==> flow/design.v <==
module reg_bank_rtl #(
    parameter int NUM_REGS = 12,
    parameter int W = 6,
    parameter int AW = $clog2(NUM_REGS)
) (
    input logic clk_i,
    input logic i_rst,
    input logic wr_in,
    input logic [AW-1:0] wsel_in,
    input logic [W-1:0] wd_in,
    input logic [AW-1:0] read_addr1_in,
    input logic [AW-1:0] read_addr2_in,
    output logic [W-1:0] rd1_out,
    output logic [W-1:0] rd2_out
);
    logic [W-1:0] array [NUM_REGS-1:0];
    always_ff @(posedge clk_i) begin
        if (wr_in)
            array[wsel_in] <= wd_in;
    end
    logic [W-1:0] rd1_s;
    assign rd1_out = rd1_s;
    logic [W-1:0] rd2_s;
    assign rd2_out = rd2_s;
    always_ff @(posedge clk_i) begin
        if (i_rst) begin
            rd1_s <= '0;
            rd2_s <= '0;
        end else begin
            rd1_s <= (wr_in && wsel_in == read_addr1_in) ? wd_in : array[read_addr1_in];
            rd2_s <= (wr_in && wsel_in == read_addr2_in) ? wd_in : array[read_addr2_in];
        end
    end
endmodule
## From RTL to reports: reg_bank_rtl

What the tools print for reg_bank_rtl, step after step.
Line numbers count from 1 in the design file above.
Not given: n/a

| design | value |
|---|---|
| design top | reg_bank_rtl |
| clock input | clk_i |
| cell library | sky130hd |
| corner | tt_025C_1v80 |

## Word level

Counts by Yosys on the flattened word-level netlist (proc, flatten, opt, wreduce; memories kept). Register bits leave out memories and registers merged into their read ports (data or address); mux counts leave out enables and synchronous resets folded into registers. Print and check cells are left out. Cells with the same type and inputs are merged into one.
Yosys's memory passes give these memory sizes; they may raise the number of words (mostly to a power of two), join words into wider ones and drop unused or constant bits.

| bit counts | value |
|---|---|
| register bits after elaboration | 0 |
| bits in latches | 0 |
| bits in writable memories | 72 |
| bits in read-only memories | 0 |
| word width x clocked read ports | 12 |
| memories | 1 |
| input port bits | 21 |
| output and inout bits | 12 |
| cells after elaboration | 4 |

Memory list:

| name | depth | bits a word | read ports | write ports | RTL line | RTL |
|---|---|---|---|---|---|---|
| array | 12 | 6 | 2 | 1 | 16 | `logic [W-1:0] array [NUM_REGS-1:0];` |

| cells by class | value |
|---|---|
| add/sub/neg operators | 0 |
| multipliers | 0 |
| div/mod/pow operators | 0 |
| $lt $le $gt $ge | 0 |
| eq/ne operators | 0 |
| shifts and indexed selects | 0 |
| multiplexer cells | 3 |
| bitwise operators | 0 |
| reduce/logical cells | 0 |

Operators with widths:

| operator | number |
|---|---|
| two-way mux 6 bit | 1 |
| two-way mux 4 bit | 1 |
| two-way mux 1 bit | 1 |

## Depth

Longest topological path by Yosys (ltp), each cell counted once; first at word level (registers and memories cut), then after technology mapping (sequential cells cut; the memories' decode and read muxes count).

| logic depth | value |
|---|---|
| depth after elaboration | 1 |
| ABC_AREA | 0 |
| mapped depth | 6 |
| mapped depth without buffers | 4 |

## Netlist

Source: synth_stat.txt of the flow (Yosys; design flattened, memories mapped). It holds for the ABC_AREA given above (unset counts as 0); a run with the other value may have another netlist.
Totals and module areas in this step are rounded.

Cells by type:

| cell | number | total area (sq um) |
|---|---|---|
| sky130_fd_sc_hd__edfxtp_1 | 72 | 2.16E+03 |
| sky130_fd_sc_hd__mux4_2 | 30 | 675.648 |
| sky130_fd_sc_hd__dfxtp_1 | 12 | 240.23 |
| sky130_fd_sc_hd__mux4_1 | 6 | 157.651 |
| sky130_fd_sc_hd__buf_6 | 8 | 90.086 |
| sky130_fd_sc_hd__a22oi_1 | 10 | 75.072 |
| sky130_fd_sc_hd__a311oi_1 | 8 | 70.067 |
| sky130_fd_sc_hd__nor3_1 | 14 | 70.067 |
| sky130_fd_sc_hd__nand2_1 | 15 | 56.304 |
| sky130_fd_sc_hd__xnor2_2 | 3 | 48.797 |
| sky130_fd_sc_hd__a311oi_2 | 3 | 45.043 |
| sky130_fd_sc_hd__nor2_1 | 12 | 45.043 |
| sky130_fd_sc_hd__xnor2_1 | 5 | 43.792 |
| sky130_fd_sc_hd__buf_12 | 2 | 40.038 |
| sky130_fd_sc_hd__buf_2 | 4 | 20.019 |
| sky130_fd_sc_hd__nand3_2 | 2 | 20.019 |
| sky130_fd_sc_hd__nand3b_1 | 2 | 15.014 |
| sky130_fd_sc_hd__a22oi_2 | 1 | 12.512 |

Not listed: further types 12, cells in them 12.

| synthesis totals | value |
|---|---|
| cell count | 221 |
| chip area (Yosys) | 3970 sq um |
| sequential area | 2400 sq um |
| flip-flop cells | 84 |
| buffers | 15 |

## Path before layout

Source: OpenSTA report_checks on the synthesized netlist (no wires, ideal clock, input and output delay 20% of the period each), path of least setup slack; recovery checks are left aside. Register names are those of the netlist, which keeps one name where synthesis merged equal registers.

| timing path post-synthesis | value |
|---|---|
| path kind | input to register |
| from | in wsel_in[2] |
| to | mem array[0][0] |
| clock period | 2110 ps |
| external input delay | 422 ps |
| setup time | 377 ps |
| time at the first pin | 422 ps |
| arrival | 1398 ps |
| required time | 1733 ps |
| slack | 336 ps |
| delay of the path | 1353 ps |
| stages | 2 |
| path buffers | 0 |
| period reached after synthesis | 1774 ps |

"delay of the path" is the arrival time less input delay plus setup time.
"stages" counts driving pins, that of a launching flip-flop among them; a cell with two outputs on the path counts twice.
"period reached after synthesis" is the clock period less the worst setup slack; recovery checks do not enter. This is arithmetic on one report: input and output delays are still those of the set period (20% each).
Between the ends stands the longest chain of elaborated cells between them, by number of cells; it is not shown to be the way that was timed. Of several equally long chains one is given.
Each line given opens the expression or statement behind the cell; cells for indexed reads and writes are added by Yosys, which also makes memories of some case tables.

| on the way, post-synthesis | value |
|---|---|
| cell sequence | sky130_fd_sc_hd__or3b_2 sky130_fd_sc_hd__nor3_1 |
| length of the longest elaborated chain | 1 |
| elaborated cells between the ends (all ways) | 1 |
| RTL lines with such cells | 1 |
| classes of those cells | 1 x mux |

RTL lines, path post-synthesis:

| element | RTL line | RTL |
|---|---|---|
| start: declaration | 9 | `input logic [AW-1:0] wsel_in,` |
| two-way mux 4 bit | 18 | `if (wr_in)` |
| end: declaration | 16 | `logic [W-1:0] array [NUM_REGS-1:0];` |

## Worst path after layout

Path of least setup slack in the final report of record 1 (OpenROAD, finished layout, wires in). Where an end is a register, its clock arrival counts in the times.
The path's times are printed in steps of 10 ps; the period is the one set.

| timing path after layout | value |
|---|---|
| path kind | input to register |
| from | in read_addr2_in[0] |
| to | reg rd2_s[3] |
| clock period | 2880 ps |
| external input delay | 580 ps |
| setup time | 120 ps |
| time at the first pin | 580 ps |
| arrival | 2630 ps |
| required time | 3120 ps |
| slack | 490 ps |
| stages | 6 |
| path buffers | 2 |

| on the way, after layout | value |
|---|---|
| cell sequence | sky130_fd_sc_hd__clkdlybuf4s50_1 sky130_fd_sc_hd__buf_12 sky130_fd_sc_hd__xnor2_1 sky130_fd_sc_hd__nand2_1 sky130_fd_sc_hd__or2_0 sky130_fd_sc_hd__a311oi_1 |

RTL lines, path after layout:

| element | RTL line | RTL |
|---|---|---|
| start: declaration | 12 | `input logic [AW-1:0] read_addr2_in,` |
| end: declaration | 23 | `logic [W-1:0] rd2_s;` |

No chain of elaborated cells between the ends is given.

Below are 3 stored runs of the flow (Yosys, OpenROAD; platform sky130hd) on reg_bank_rtl, each with its settings and what was measured, unordered. Constraints: input delay and output delay 20% of the set period each, output load 0.01 pF.
By "achieved clock period" is meant the clock period of the run minus its worst setup slack. This is arithmetic on one report: input and output delays are still those of the set period (20% each).
"critical path time" is the time allowed to the run's worst setup path (the clock period less input and output delay, where it has them) less its slack. Clock arrival times count: a late capture clock shortens it, a late launch clock lengthens it.
"power consumption": no workload was simulated; the value follows from the tool's default switching activity.
"critical path time" is known to 10 ps.
Measured values are rounded.

## Record 1

==> flow/run.sh <==
#!/bin/bash
# the make line also repeats the synthesis and layout settings of config.mk as NAME=value (left out here)
make -C /OpenROAD-flow-scripts/flow DESIGN_CONFIG=/design/flow/config.mk WORK_HOME=/design/flow/orfs CLKGATE_MAP_FILE= finish
==> flow/config.mk <==
export PLATFORM = sky130hd
export DESIGN_NAME = reg_bank_rtl
export DESIGN_NICKNAME = reg_bank_rtl
export VERILOG_FILES = /design/flow/design.v
export SDC_FILE = /design/flow/constraint.sdc
export NUM_CORES = 4
export LEC_CHECK = 0
export CAP_MARGIN = 20
export CELL_PAD_IN_SITES_DETAIL_PLACEMENT = 1
export CELL_PAD_IN_SITES_GLOBAL_PLACEMENT = 0
export CORE_MARGIN = 2
export CORE_UTILIZATION = 62
export GPL_TIMING_DRIVEN = 1
export PLACE_DENSITY_LB_ADDON = 0.2
export SLEW_MARGIN = 35
==> flow/constraint.sdc <==
create_clock -name core_clock -period 2.88 [get_ports {clk_i}]
set_input_delay 0.5760 -clock core_clock [delete_from_list [all_inputs] [get_ports {clk_i}]]
set_output_delay 0.5760 -clock core_clock [all_outputs]
set_load 0.01 [all_outputs]

| result of record 1 | value |
|---|---|
| std-cell area (final layout) | 4590 sq um |
| die area | 7060 sq um |
| critical path time | 1810 ps |
| worst setup path kind | input to register |
| lowest hold slack | 902 ps |
| power consumption | 2460 uW |
| utilization of the finished layout | 0.731 |
| final setup TNS | 0 ps |
| achieved clock period | 2387 ps |
| synthesized cell area | 3970 sq um |
| worst slack on setup checks | 493 ps |

## Record 2

==> flow/run.sh <==
#!/bin/bash
# the make line also repeats the synthesis and layout settings of config.mk as NAME=value (left out here)
make -C /OpenROAD-flow-scripts/flow DESIGN_CONFIG=/design/flow/config.mk WORK_HOME=/design/flow/orfs CLKGATE_MAP_FILE= finish
==> flow/config.mk <==
export PLATFORM = sky130hd
export DESIGN_NAME = reg_bank_rtl
export DESIGN_NICKNAME = reg_bank_rtl
export VERILOG_FILES = /design/flow/design.v
export SDC_FILE = /design/flow/constraint.sdc
export NUM_CORES = 4
export LEC_CHECK = 0
export CAP_MARGIN = 35
export CELL_PAD_IN_SITES_DETAIL_PLACEMENT = 2
export CORE_ASPECT_RATIO = 0.93
export CORE_MARGIN = 2
export CORE_UTILIZATION = 33
export CTS_CLUSTER_DIAMETER = 72
export CTS_CLUSTER_SIZE = 40
export GPL_TIMING_DRIVEN = 0
export MAX_ROUTING_LAYER = met4
export MIN_ROUTING_LAYER = met1
export PLACE_DENSITY_LB_ADDON = 0.07
export SETUP_SLACK_MARGIN = 0.6
export SLEW_MARGIN = 20
export TNS_END_PERCENT = 35
==> flow/constraint.sdc <==
create_clock -name core_clock -period 2.99 [get_ports {clk_i}]
set_input_delay 0.5980 -clock core_clock [delete_from_list [all_inputs] [get_ports {clk_i}]]
set_output_delay 0.5980 -clock core_clock [all_outputs]
set_load 0.01 [all_outputs]

| result of record 2 | value |
|---|---|
| std-cell area (final layout) | 4730 sq um |
| die area | 12900 sq um |
| critical path time | 1690 ps |
| worst setup path kind | input to register |
| lowest hold slack | 625 ps |
| power consumption | 2690 uW |
| utilization of the finished layout | 0.404 |
| final setup TNS | 0 ps |
| achieved clock period | 2283 ps |
| synthesized cell area | 3970 sq um |
| worst slack on setup checks | 707 ps |

## Record 3

==> flow/run.sh <==
#!/bin/bash
# the make line also repeats the synthesis and layout settings of config.mk as NAME=value (left out here)
make -C /OpenROAD-flow-scripts/flow DESIGN_CONFIG=/design/flow/config.mk WORK_HOME=/design/flow/orfs CLKGATE_MAP_FILE= finish
==> flow/config.mk <==
export PLATFORM = sky130hd
export DESIGN_NAME = reg_bank_rtl
export DESIGN_NICKNAME = reg_bank_rtl
export VERILOG_FILES = /design/flow/design.v
export SDC_FILE = /design/flow/constraint.sdc
export NUM_CORES = 4
export LEC_CHECK = 0
export CAP_MARGIN = 20
export CORE_MARGIN = 2
export CORE_UTILIZATION = 40
export SLEW_MARGIN = 20
==> flow/constraint.sdc <==
create_clock -name core_clock -period 2.11 [get_ports {clk_i}]
set_input_delay 0.4220 -clock core_clock [delete_from_list [all_inputs] [get_ports {clk_i}]]
set_output_delay 0.4220 -clock core_clock [all_outputs]
set_load 0.01 [all_outputs]

| result of record 3 | value |
|---|---|
| std-cell area (final layout) | 4870 sq um |
| die area | 10700 sq um |
| critical path time | 1470 ps |
| worst setup path kind | input to register |
| lowest hold slack | 839 ps |
| power consumption | 3410 uW |
| utilization of the finished layout | 0.503 |
| final setup TNS | 0 ps |
| achieved clock period | 1889 ps |
| synthesized cell area | 3970 sq um |
| worst slack on setup checks | 221 ps |
